==> flow/design.v <==
module sync_mag_cmp_mod #(
   parameter int W = 16
) (
   input  logic clock,
   input  logic clr,
   input  logic [W-1:0] u,
   input  logic [W-1:0] v,
   output logic le
);
   logic [W-1:0] u_q;
   logic [W-1:0] v_q;
   always_ff @(posedge clock or posedge clr) begin
      if (clr) begin
         u_q <= 0;
         v_q <= 0;
      end else begin
         u_q <= u;
         v_q <= v;
      end
   end
   assign le = (u_q <= v_q);
endmodule
From RTL to reports: sync_mag_cmp_mod
Module sync_mag_cmp_mod in several versions that differ in "W"; each step lists the members.
The file above is the member W=16. Line numbers count from 1 in each member's own file.
Cell names lack the library's common part.
Not given: -
- design top: sync_mag_cmp_mod
- clock: clock
- library: sky130hd
- corner: tt_025C_1v80

Source of the members
New or changed lines of each further member against the RTL above, in its own file; lines it lacks are not shown.
- lines new or changed (W ; RTL line ; text):
    32 ; 2 ; parameter int W = 32
    64 ; 2 ; parameter int W = 64

Word-level counts
Counts by Yosys on the flattened word-level netlist (proc, flatten, opt, wreduce; memories kept). Register bits leave out memories and registers merged into their read ports (data or address); mux counts leave out enables and synchronous resets folded into registers. Print and check cells are left out. Cells with the same type and inputs are merged into one.
- cells by class (W ; order comparisons):
    16 ; 1
    32 ; 1
    64 ; 1
- operators by type and width (W ; kind and count):
    16 ; less-or-equal comparator 16 bit (1)
    32 ; less-or-equal comparator 32 bit (1)
    64 ; less-or-equal comparator 64 bit (1)
- bit counts (W ; register bits after elaboration ; input port bits ; cells after elaboration):
    16 ; 32 ; 34 ; 3
    32 ; 64 ; 66 ; 3
    64 ; 128 ; 130 ; 3

Depth
Longest topological path by Yosys (ltp), each cell counted once; first at word level (registers and memories cut), then after technology mapping (sequential cells cut; the memories' decode and read muxes count).
- logic depth (W ; depth after elaboration ; ABC_AREA ; gate-level depth with buffers ; mapped depth without buffers):
    16 ; 1 ; 0 ; 6 ; 6
    32 ; 1 ; 0 ; 7 ; 7
    64 ; 1 ; 0 ; 8 ; 8

After synthesis
Yosys stat after the flow's synthesis: flattened, memories mapped to cells. It holds for the ABC_AREA given above (unset counts as 0); a run with the other value may have another netlist.
- synthesis totals (W ; mapped cells ; chip area (Yosys) (mm²) ; sequential area (mm²) ; mapped flip-flops ; buffers):
    16 ; 89 ; 0.0012149 ; 0.0008008 ; 32 ; 0
    32 ; 180 ; 0.0024211 ; 0.0016015 ; 64 ; 0
    64 ; 358 ; 0.0048246 ; 0.0032031 ; 128 ; 0
- cells by type (W ; type and count):
    16 ; dfrtp_1 (32); ha_1 (16); inv_1 (17); a21oi_1 (6); nand4_1 (3); nor4_2 (1); o31ai_2 (1); a21boi_2 (1); nand2_1 (3); a221o_1 (1); nand3_1 (2); o21ai_0 (2); a21o_1 (1); and2_1 (1); nor2b_1 (1); nor2_1 (1)
    32 ; dfrtp_1 (64); ha_1 (32); inv_1 (34); a21oi_1 (12); nand4_1 (6); nand2_1 (8); a221oi_1 (3); nand4_4 (1); nand3_1 (4); o21ai_0 (4); a2111o_1 (1); nor2_1 (3); and4_1 (1); o211ai_1 (1); o31ai_1 (1); a31oi_1 (1); nand2b_1 (1); nor2b_1 (1); [+2]
    64 ; dfrtp_1 (128); ha_1 (64); inv_1 (67); a21oi_1 (27); nand4_1 (12); nand2_1 (16); a21o_1 (6); o21ai_0 (8); a211oi_1 (3); nand3_1 (4); nor2b_1 (3); nand4_2 (1); or4_4 (1); a221o_1 (1); and4b_1 (1); o21ai_1 (2); o311a_1 (1); a221oi_1 (1); [+12]
A list marked [+n] leaves out that many cells.

Path before layout
OpenSTA on the mapped netlist: ideal clock, no wires. The path of least setup slack (recovery checks aside). Input and output delay are each 20% of the period. Register names are those of the netlist, which keeps one name where synthesis merged equal registers.
- path post-synthesis (W ; path type ; from ; to ; period (ns) ; setup slack (ns) ; driving pins on the path ; path delay (ns) ; synthesis period reached (ns)):
    16 ; register -> output ; reg u_q[14] ; out le ; 2.35 ; 0.373 ; 6 ; 1.507 ; 1.977
    32 ; register -> output ; reg u_q[7] ; out le ; 2.31 ; 0.370 ; 7 ; 1.478 ; 1.94
    64 ; register -> output ; reg u_q[45] ; out le ; 2.85 ; 0.458 ; 8 ; 1.822 ; 2.392
"path delay" = arrival - input delay + setup time.
A path that ends at an output port has no setup time.
"driving pins on the path": output pins that drive a net of the path, with the launching flip-flop's if there is one; two outputs of one cell count as two.
"synthesis period reached" is the clock period less the worst setup slack; recovery checks do not enter. This is arithmetic on one report: input and output delays are still those of the set period (20% each).
The rows between start and end are the longest chain of elaborated cells between them; the timing report does not say that the signal goes this way. Where chains are equally long, one stands for them.
A line is the first line of the expression or statement that the cell stems from. Yosys adds cells for indexed reads and writes and turns some case tables into memories.
On the way, post-synthesis, W=16:
- cells in the longest elaborated chain at 1
- ends and longest elaborated chain, post-synthesis, W=16 (item ; RTL line ; text):
    from (decl) ; 10 ; logic [W-1:0] u_q;
    from (assign) ; 14 ; u_q <= 0;
    from (assign) ; 17 ; u_q <= u;
    less-or-equal comparator 16 bit ; 21 ; assign le = (u_q <= v_q);
    to (decl) ; 8 ; output logic le
On the way, post-synthesis, W=64:
- cells in the longest elaborated chain at 1
- ends and longest elaborated chain, post-synthesis, W=64 (item ; RTL line ; text):
    from (decl) ; 10 ; logic [W-1:0] u_q;
    from (assign) ; 14 ; u_q <= 0;
    from (assign) ; 17 ; u_q <= u;
    less-or-equal comparator 64 bit ; 21 ; assign le = (u_q <= v_q);
    to (decl) ; 8 ; output logic le

Worst path after layout
From the final timing report of the run of each member: the path of least setup slack in the routed layout; clock arrival at registers is part of the times.
- path post-layout (W ; path type ; from ; to ; period (ns) ; setup slack (ns) ; driving pins on the path ; arrival (ns)):
    16 ; register -> output ; reg v_q[7] ; out le ; 2.35 ; -0.08 ; 8 ; 1.96
    32 ; register -> output ; reg u_q[7] ; out le ; 2.31 ; -0.18 ; 8 ; 2.02
    64 ; register -> output ; reg u_q[45] ; out le ; 2.85 ; -0.14 ; 9 ; 2.42

Flow runs
Settings and results of one run of the flow (Yosys, OpenROAD) for each member follow. The constraints put input and output delay at 20% of the set period each and load the outputs with 0.01 pF.
- CAP_MARGIN at 20
- CORE_MARGIN at 2
- CORE_UTILIZATION: 40
- noted SLEW_MARGIN: 20
- settings by member (W ; period_ns):
    16 ; 2.35
    32 ; 2.31
    64 ; 2.85
- measured results (W ; post-synthesis cell area (mm²) ; die footprint (mm²) ; standard-cell area after layout (mm²) ; utilization in the final report (%) ; smallest setup slack (ns) ; sum of negative setup slack (ns) ; overall power (W) ; achieved period (ns)):
    16 ; 0.0012149 ; 0.003494 ; 0.0017304 ; 61.2 ; -0.081 ; -0.081 ; 0.001051 ; 2.431
    32 ; 0.0024211 ; 0.0066912 ; 0.0035096 ; 59.6 ; -0.177 ; -0.177 ; 0.002504 ; 2.487
    64 ; 0.0048246 ; 0.0129561 ; 0.0070755 ; 59.4 ; -0.142 ; -0.142 ; 0.00461 ; 2.992
By "achieved period" is meant the clock period of the run minus its worst setup slack. This is arithmetic on one report: input and output delays are still those of the set period (20% each).
By "overall power" is meant OpenSTA's value without simulated activity: inputs other than the clock are taken to toggle once in ten clock periods, and the tool carries that through the logic.
